==> flow/design.v <==
module ram_block #(
  parameter DEPTH = 12,
  parameter W = 2,
  parameter ABITS = $clog2(DEPTH)
) (
  input  clk_i,
  input  i_rst_n,
  input  [ABITS-1:0] address,
  input  write,
  input  [W-1:0] wr_data,
  output reg [W-1:0] rd
);
  reg [ABITS-1:0] address_s;
  reg write_s;
  reg [W-1:0] wr_data_s;
  always @(posedge clk_i or negedge i_rst_n) begin
    if (!i_rst_n) begin
      address_s <= 0;
      write_s <= 1'b0;
      wr_data_s <= 0;
    end else begin
      address_s <= address;
      write_s <= write;
      wr_data_s <= wr_data;
    end
  end
  reg [W-1:0] bank [0:DEPTH-1];
  always @(posedge clk_i)
    if (write_s) bank[address_s] <= wr_data_s;
  always @(posedge clk_i or negedge i_rst_n) begin
    if (!i_rst_n) begin
      rd <= 0;
    end else begin
      rd <= write_s ? wr_data_s : bank[address_s];
    end
  end
endmodule
==> From RTL to reports: ram_block <==
What the tools print for ram_block, step after step.
Line numbers count from 1 in the design file above.
Library cell names are shortened.
{ "setup": {"design": "ram_block", "clock_port": "clk_i", "cell_library": "sky130hd", "corner": "tt_025C_1v80"} }

==> After elaboration <==
Source: Yosys, flattened and elaborated, memories not mapped. Widths are those after wreduce; folded enables and synchronous resets count as part of the registers. Registers that Yosys merges into a memory's read port (data or address) are not register bits. Print and check cells do not count. Equal cells are merged and count once.
Yosys's memory passes give these memory sizes; they may raise the number of words (mostly to a power of two), join words into wider ones and drop unused or constant bits.
{ "word_totals": {"regBits": 7, "latch_bits": 0, "ram_bits": 24, "romBits": 0, "clocked_rd_ports_x_width": 2, "memories": 1, "input_bits": 9, "out_inout_bits": 2, "elab_cells": 8} }
{ "op_classes": {"addsub": 0, "mul": 0, "n_div": 0, "cmp": 0, "eq_ne": 0, "n_shift": 0, "mux": 3, "bitwise": 0, "n_reduce_logical": 1} }
{ "mem_list": {"columns": ["memory", "size", "width", "read_ports", "wr", "line_no", "rtl"], "rows": [
  ["bank", 12, 2, 1, 1, 27, "reg [W-1:0] bank [0:DEPTH-1];"]
]} }
{ "op_table": {"columns": ["cell", "count"], "rows": [
  ["2-to-1 mux 4 bit", 1],
  ["2-to-1 mux 2 bit", 1],
  ["logical NOT 1 bit", 1],
  ["2-to-1 mux 1 bit", 1]
]} }

==> Depth <==
Longest topological path by Yosys (ltp), each cell counted once; first at word level (registers and memories cut), then after technology mapping (sequential cells cut; the memories' decode and read muxes count).
{ "logic_depth": {"word_depth": 1, "ABC_AREA": 0, "mapped_depth": 6, "ltp_nobuf": 4} }

==> Mapped cells and area <==
Yosys stat after the flow's synthesis: flattened, memories mapped to cells. It holds for the ABC_AREA given above (unset counts as 0); a run with the other value may have another netlist.
{ "types": {"columns": ["cell", "count"], "rows": [
  ["edfxtp_1", 24],
  ["dfrtp_1", 9],
  ["mux4_1", 2],
  ["mux4_2", 2],
  ["mux2i_1", 4],
  ["nor2_1", 10],
  ["a21oi_1", 6],
  ["nand3b_1", 4],
  ["nand2b_1", 4],
  ["nor3_1", 3],
  ["nor2b_1", 2],
  ["buf_6", 1],
  ["nand3_1", 2],
  ["or3b_1", 1],
  ["buf_4", 1],
  ["buf_2", 1],
  ["nand2_1", 1]
]} }
{ "synth_totals": {"cells": 77, "mapped_area_um2": 1280.0, "ffs": 33, "n_buf": 3} }

==> Path before layout <==
Path of least setup slack by OpenSTA after synthesis, without wires, with an ideal clock, recovery checks aside; 20% of the period is set as input and as output delay. Where synthesis merged equal registers, the netlist keeps one of their names.
{ "synth_path": {"path_type": "flip-flop to flip-flop", "from": "reg address_s[2]", "to": "mem bank[0][0]", "tclk_ns": 1.74, "setup_ns": 0.329, "t_first_pin_ns": 0.000, "arrival_ns": 1.067, "required_ns": 1.411, "setup_slack_ns": 0.345, "delay_ns": 1.396, "path_stages": 3, "period_less_setup_slack_ns": 1.395} }
"delay_ns" is the arrival time less input delay plus setup time.
"path_stages": output pins that drive a net of the path, with the launching flip-flop's if there is one; two outputs of one cell count as two.
"period_less_setup_slack_ns" is the clock period less the worst setup slack; recovery checks do not enter. This is arithmetic on one report: input and output delays are still those of the set period (20% each).
The rows between start and end are the longest chain of elaborated cells between them; the timing report does not say that the signal goes this way. Where chains are equally long, one stands for them.
A line is the first line of the expression or statement that the cell stems from. Yosys adds cells for indexed reads and writes and turns some case tables into memories.
{ "synth_via": {"cell_sequence": "dfrtp_1 or3b_1 nor3_1", "elab_chain_cells": 1} }
{ "synth_lines": {"columns": ["item", "line_no", "rtl"], "rows": [
  ["start: declaration", 13, "reg [ABITS-1:0] address_s;"],
  ["start: assignment", 18, "address_s <= 0;"],
  ["start: assignment", 22, "address_s <= address;"],
  ["2-to-1 mux 4 bit", 29, "if (write_s) bank[address_s] <= wr_data_s;"],
  ["end: declaration", 27, "reg [W-1:0] bank [0:DEPTH-1];"]
]} }

==> Worst path after layout <==
From the final timing report of run 1: the path of least setup slack in the routed layout; clock arrival at registers is part of the times.
{ "layout_path": {"path_type": "flip-flop to flip-flop", "from": "reg address_s[3]", "to": "mem bank[1][1]", "tclk_ns": 1.12, "setup_ns": 0.29, "t_first_pin_ns": 0.31, "arrival_ns": 1.40, "required_ns": 1.15, "setup_slack_ns": -0.25, "path_stages": 3} }
The rows between start and end are the longest chain of elaborated cells between them; the timing report does not say that the signal goes this way. Where chains are equally long, one stands for them.
{ "layout_via": {"cell_sequence": "dfrtp_1 or3b_4 nor2_2", "elab_chain_cells": 1} }
{ "layout_lines": {"columns": ["item", "line_no", "rtl"], "rows": [
  ["start: declaration", 13, "reg [ABITS-1:0] address_s;"],
  ["start: assignment", 18, "address_s <= 0;"],
  ["start: assignment", 22, "address_s <= address;"],
  ["2-to-1 mux 4 bit", 29, "if (write_s) bank[address_s] <= wr_data_s;"],
  ["end: declaration", 27, "reg [W-1:0] bank [0:DEPTH-1];"]
]} }

Lab notebook: ram_block

Module ram_block, platform sky130hd: 3 stored runs of the flow (Yosys, OpenROAD) with differing settings, in no particular order. Input and output delays are each 20% of the period that was set; the output load is 0.01 pF.
"clock_period_reached_ns" is the run's clock period less its worst setup slack. It is reckoned from that one timing run; input and output delays stay at 20% of the period that was set.
"worst_setup_path_time_ns" is the time allowed to the run's worst setup path (the clock period less input and output delay, where it has them) less its slack. Clock arrival times count: a late capture clock shortens it, a late launch clock lengthens it.
"power_total_mw": no workload was simulated; the value follows from the tool's default switching activity.
[
  {
    "run": "run 1",
    "settings": { "period_ns": 1.12, "CORE_UTILIZATION": 47, "PLACE_DENSITY_LB_ADDON": 0.07, "HOLD_SLACK_MARGIN": 0.16, "CTS_CLUSTER_SIZE": 82, "CTS_CLUSTER_DIAMETER": 132, "SLEW_MARGIN": 20, "MIN_ROUTING_LAYER": "met2", "MAX_ROUTING_LAYER": "met5", "CAP_MARGIN": 20, "CORE_MARGIN": 2 },
    "results": { "post_synth_area_um2": 1280.0, "setup_ws_ns": -0.251, "final_cell_area_um2": 1666.6, "worst_setup_path_time_ns": 1.37, "worstPathKind": "flip-flop to flip-flop", "clock_period_reached_ns": 1.371, "power_total_mw": 2.247, "dieArea_um2": 3156.8, "fin_tns_ns": -4.287, "post_route_util_pct": 66.1 }
  },
  {
    "run": "run 2",
    "settings": { "period_ns": 2.24, "CORE_UTILIZATION": 15, "PLACE_DENSITY_LB_ADDON": 0.0, "CELL_PAD_IN_SITES_GLOBAL_PLACEMENT": 3, "SLEW_MARGIN": 0, "MAX_ROUTING_LAYER": "met4", "CAP_MARGIN": 20, "CORE_MARGIN": 2 },
    "results": { "post_synth_area_um2": 1280.0, "setup_ws_ns": 0.616, "final_cell_area_um2": 1577.8, "worst_setup_path_time_ns": 1.18, "worstPathKind": "flip-flop to output port", "clock_period_reached_ns": 1.624, "power_total_mw": 1.210, "dieArea_um2": 9288.1, "fin_tns_ns": 0.000, "post_route_util_pct": 19.1 }
  },
  {
    "run": "run 3",
    "settings": { "period_ns": 1.74, "CAP_MARGIN": 20, "CORE_MARGIN": 2, "CORE_UTILIZATION": 40, "SLEW_MARGIN": 20 },
    "results": { "post_synth_area_um2": 1280.0, "setup_ws_ns": 0.197, "final_cell_area_um2": 1492.7, "worst_setup_path_time_ns": 1.20, "worstPathKind": "flip-flop to output port", "clock_period_reached_ns": 1.543, "power_total_mw": 1.405, "dieArea_um2": 3668.7, "fin_tns_ns": 0.000, "post_route_util_pct": 48.9 }
  }
]
